==> flow/design.v <==
module u_times_mod #(
    parameter WIDTH = 12,
    parameter GUARD = 2
) (
    input wire clk,
    input wire resetn,
    input wire [WIDTH-1:0] op_a_i,
    input wire [WIDTH-1:0] op_b_i,
    input wire start_i,
    output wire [2*WIDTH+GUARD-1:0] mul_o
);
    wire [2*WIDTH-1:0] val;
    assign val = op_a_i * op_b_i;
    reg [2*WIDTH+GUARD-1:0] total;
    always @(posedge clk) begin
        if (!resetn) begin
            total <= 0;
        end else begin
            total <= start_i ? val : total + val;
        end
    end
    assign mul_o = total;
endmodule
* Tool chain data of u_times_mod
The steps from the RTL of u_times_mod to its reports follow in flow order.
Line numbers count from 1 in the design file above.
Operators: Yosys type, input widths -> output width; for muxes data width and select width s.
Cell names lack the library's common part.
Not given: -
- Top module :: u_times_mod
- Clock :: clk
- Cell library :: sky130hd
- Corner :: tt_025C_1v80

* Word level
Counts by Yosys on the flattened word-level netlist (proc, flatten, opt, wreduce; memories kept). Register bits leave out memories and registers merged into their read ports (data or address); mux counts leave out enables and synchronous resets folded into registers. Print and check cells are left out. Cells with the same type and inputs are merged into one.
- Bits in read-only memories :: 0
- Output and inout port bits :: 26
- Register bits after elaboration :: 26
- Latch bits :: 0
- Cells after elaboration :: 7
- Bits in writable memories :: 0
- Bits of input ports :: 27
- Memories kept :: 0
- Clocked read ports x word width :: 0
- Multipliers :: 1
- Shift-type cells :: 0
- Reduce/logical cells :: 1
- Mux-type cells :: 1
- Equal/unequal tests :: 0
- Add/sub/neg operators :: 1
- Magnitude comparators :: 0
- Divide/modulo/power cells :: 0
- Bitwise gates (word level) :: 1
** Operators by type and width (count)
- $mul 12x12->24 :: 1
- $add 26x24->26 :: 1
- $mux 24 :: 1
- $reduce_or 2->1 :: 1
- $not 1->1 :: 1

* Logic depth
Longest topological path by Yosys (ltp), each cell counted once; first at word level (registers and memories cut), then after technology mapping (sequential cells cut; the memories' decode and read muxes count).
- Depth after elaboration :: 3
- ABC_AREA :: 0
- Depth in mapped cells :: 29
- Depth with buffers taken out :: 27

* After synthesis
The flow's flattened synthesis, as Yosys stat reports it; memories are mapped. The netlist is that of the ABC_AREA named above (0 if unset); the other value can give another one.
Totals and module areas in this step are rounded.
** Cell types
- fa_1 :: count 101, total area 2.02E+03 um^2
- ha_1 :: count 86, total area 1.08E+03 um^2
- inv_1 :: count 143, total area 536.765 um^2
- dfxtp_1 :: count 26, total area 520.499 um^2
- and2_1 :: count 71, total area 444.176 um^2
- nand2_1 :: count 116, total area 435.418 um^2
- xnor2_1 :: count 22, total area 192.685 um^2
- a21oi_1 :: count 38, total area 190.182 um^2
- o21ai_0 :: count 28, total area 140.134 um^2
- a21o_1 :: count 16, total area 120.115 um^2
- clkbuf_1 :: count 31, total area 116.362 um^2
- nor2_1 :: count 28, total area 105.101 um^2
- xor2_1 :: count 9, total area 78.826 um^2
- nor2b_1 :: count 11, total area 68.816 um^2
- mux2i_1 :: count 6, total area 60.058 um^2
- o21a_1 :: count 8, total area 60.058 um^2
- o21bai_1 :: count 8, total area 60.058 um^2
- nor3_1 :: count 11, total area 55.053 um^2
Not listed: further types 32, cells in them 71.
- Area of sequential cells :: 520 um^2
- Cell area after synthesis :: 6800 um^2
- Mapped cells :: 830
- Flip-flop cells :: 26
- Buffer cells :: 32

* Worst setup path after synthesis
Path of least setup slack by OpenSTA after synthesis, without wires, with an ideal clock, recovery checks aside; 20% of the period is set as input and as output delay. Where synthesis merged equal registers, the netlist keeps one of their names.
- Path type :: input-to-reg
- Start point :: input op_b_i[3]
- End point :: register total[22]
- Path slack :: 1.605 ns
- Required time :: 9.983 ns
- Library setup time :: 0.117 ns
- Stages on the path :: 27
- Buffers on the path :: 2
- External input delay :: 2.020 ns
- Launch time at the first pin :: 2.020 ns
- Arrival :: 8.378 ns
- Period :: 10.1 ns
- Delay of the path :: 6.475 ns
- Synthesis period reached :: 8.495 ns
"delay of the path" = arrival - input delay + setup time.
"stages on the path": output pins that drive a net of the path, with the launching flip-flop's if there is one; two outputs of one cell count as two.
"synthesis period reached" is the clock period less the worst setup slack; recovery checks do not enter. This is arithmetic on one report: input and output delays are still those of the set period (20% each).
The rows between start and end are the longest chain of elaborated cells between them; the timing report does not say that the signal goes this way. Where chains are equally long, one stands for them.
A line is the first line of the expression or statement that the cell stems from. Yosys adds cells for indexed reads and writes and turns some case tables into memories.
- Cell sequence :: clkbuf_1 > nand2_1 > fa_1 > fa_1 > fa_1 > inv_1 > fa_1 > inv_1 > fa_1 > inv_1 > ha_1 > o21a_1 > o21ai_0 > a211oi_1 > or3_1 > a21oi_1 > xnor2_1 > ha_1 > and3_1 > clkbuf_1 > a32oi_1 > a21oi_1 > o21a_1 > o21ai_0 > a31o_1 > mux2_4 > a22o_1
- Cells in the longest elaborated chain :: 3
- Elaborated cells between the ends (all ways) :: 3
- Source lines of those cells :: 2
- Those cells by class :: add/sub (1); mul (1); mux (1)
** Ends and longest elaborated chain, after synthesis
- start, declared :: line 8 : input wire [WIDTH-1:0] op_b_i,
- $mul 12x12->24 :: line 13 : assign val = op_a_i * op_b_i;
- $add 26x24->26 :: line 19 : total <= start_i ? val : total + val;
- $mux 24 :: line 19
- end, assigned :: line 17 : total <= 0;
- end, assigned :: line 19
- end, declared :: line 14 : reg [2*WIDTH+GUARD-1:0] total;

* Worst path after layout
From the final timing report of run 1: the path of least setup slack in the routed layout; clock arrival at registers is part of the times.
- Path type :: input-to-reg
- Start point :: input op_a_i[7]
- End point :: register total[22]
- External input delay :: 2.02 ns
- Buffers on the path :: 1
- Period :: 10.1 ns
- Library setup time :: 0.10 ns
- Path slack :: 1.00 ns
- Launch time at the first pin :: 2.02 ns
- Stages on the path :: 26
- Required time :: 10.27 ns
- Arrival :: 9.26 ns
The rows between start and end are the longest chain of elaborated cells between them; the timing report does not say that the signal goes this way. Where chains are equally long, one stands for them.
- Cell sequence :: clkdlybuf4s50_1 > nand2_1 > fa_1 > fa_1 > fa_1 > inv_1 > fa_1 > inv_1 > fa_1 > inv_1 > ha_1 > o21a_1 > o21ai_0 > a211oi_1 > or3_1 > a21oi_1 > xnor2_1 > ha_1 > and3_1 > a32oi_1 > a21oi_1 > o21a_1 > o21ai_0 > a31o_1 > mux2_4 > a22o_1
- Cells in the longest elaborated chain :: 3
- Elaborated cells between the ends (all ways) :: 3
- Source lines of those cells :: 2
- Those cells by class :: add/sub (1); mul (1); mux (1)
** Ends and longest elaborated chain, after layout
- start, declared :: line 7 : input wire [WIDTH-1:0] op_a_i,
- $mul 12x12->24 :: line 13 : assign val = op_a_i * op_b_i;
- $add 26x24->26 :: line 19 : total <= start_i ? val : total + val;
- $mux 24 :: line 19
- end, assigned :: line 17 : total <= 0;
- end, assigned :: line 19
- end, declared :: line 14 : reg [2*WIDTH+GUARD-1:0] total;

Add stored flow runs of u_times_mod

Below are 3 stored runs of the flow (Yosys, OpenROAD; platform sky130hd) on u_times_mod, each with its settings and what was measured, unordered. Constraints: input delay and output delay 20% of the set period each, output load 0.01 pF.
"reached clock period" is the run's clock period less its worst setup slack. It is reckoned from that one timing run; input and output delays stay at 20% of the period that was set.
By "worst setup path time" is meant the share of the clock period that the worst setup path is allowed (20% is reserved at inputs, 20% at outputs), minus its slack. Clock arrival times at its registers enter into it.
Values from the reports are rounded here.

** Run 1
- Settings :: period_ns=10.1; CAP_MARGIN=20; CORE_MARGIN=2; CORE_UTILIZATION=40; SLEW_MARGIN=20
- Total negative setup slack :: 0.000 ns
- Worst setup path time :: 7.08 ns
- Worst setup path type :: input-to-reg
- Worst hold slack in the final report :: 0.50 ns
- Standard-cell area after routing :: 7600 um^2
- Lowest setup slack :: 1.0 ns
- Utilization after routing :: 0.46
- Reached clock period :: 9.096 ns
- Area inside the die boundary :: 18000 um^2
- Mapped cell area after synthesis :: 6800 um^2

** Run 2
- Settings :: period_ns=5.7; CORE_UTILIZATION=16; SETUP_SLACK_MARGIN=-0.21; PLACE_DENSITY_LB_ADDON=0.08; CELL_PAD_IN_SITES_GLOBAL_PLACEMENT=2; CELL_PAD_IN_SITES_DETAIL_PLACEMENT=2; GPL_TIMING_DRIVEN=0; GPL_ROUTABILITY_DRIVEN=1; SLEW_MARGIN=30; MIN_ROUTING_LAYER=met1; MAX_ROUTING_LAYER=met5; CAP_MARGIN=20; CORE_MARGIN=2
- Total negative setup slack :: -16 ns
- Worst setup path time :: 6.08 ns
- Worst setup path type :: input-to-reg
- Worst hold slack in the final report :: 0.53 ns
- Standard-cell area after routing :: 10000 um^2
- Lowest setup slack :: -1.5 ns
- Utilization after routing :: 0.24
- Reached clock period :: 7.224 ns
- Area inside the die boundary :: 44000 um^2
- Mapped cell area after synthesis :: 6800 um^2

** Run 3
- Settings :: period_ns=12.3; CORE_UTILIZATION=55; SETUP_SLACK_MARGIN=-0.44; PLACE_DENSITY_LB_ADDON=0.11; TNS_END_PERCENT=30; ABC_AREA=1; GPL_ROUTABILITY_DRIVEN=1; CAP_MARGIN=30; SLEW_MARGIN=25; MIN_ROUTING_LAYER=met2; CORE_MARGIN=2
- Total negative setup slack :: 0.000 ns
- Worst setup path time :: 6.31 ns
- Worst setup path type :: input-to-reg
- Worst hold slack in the final report :: 0.53 ns
- Standard-cell area after routing :: 8400 um^2
- Lowest setup slack :: 3.5 ns
- Utilization after routing :: 0.61
- Reached clock period :: 8.772 ns
- Area inside the die boundary :: 15000 um^2
- Mapped cell area after synthesis :: 7700 um^2
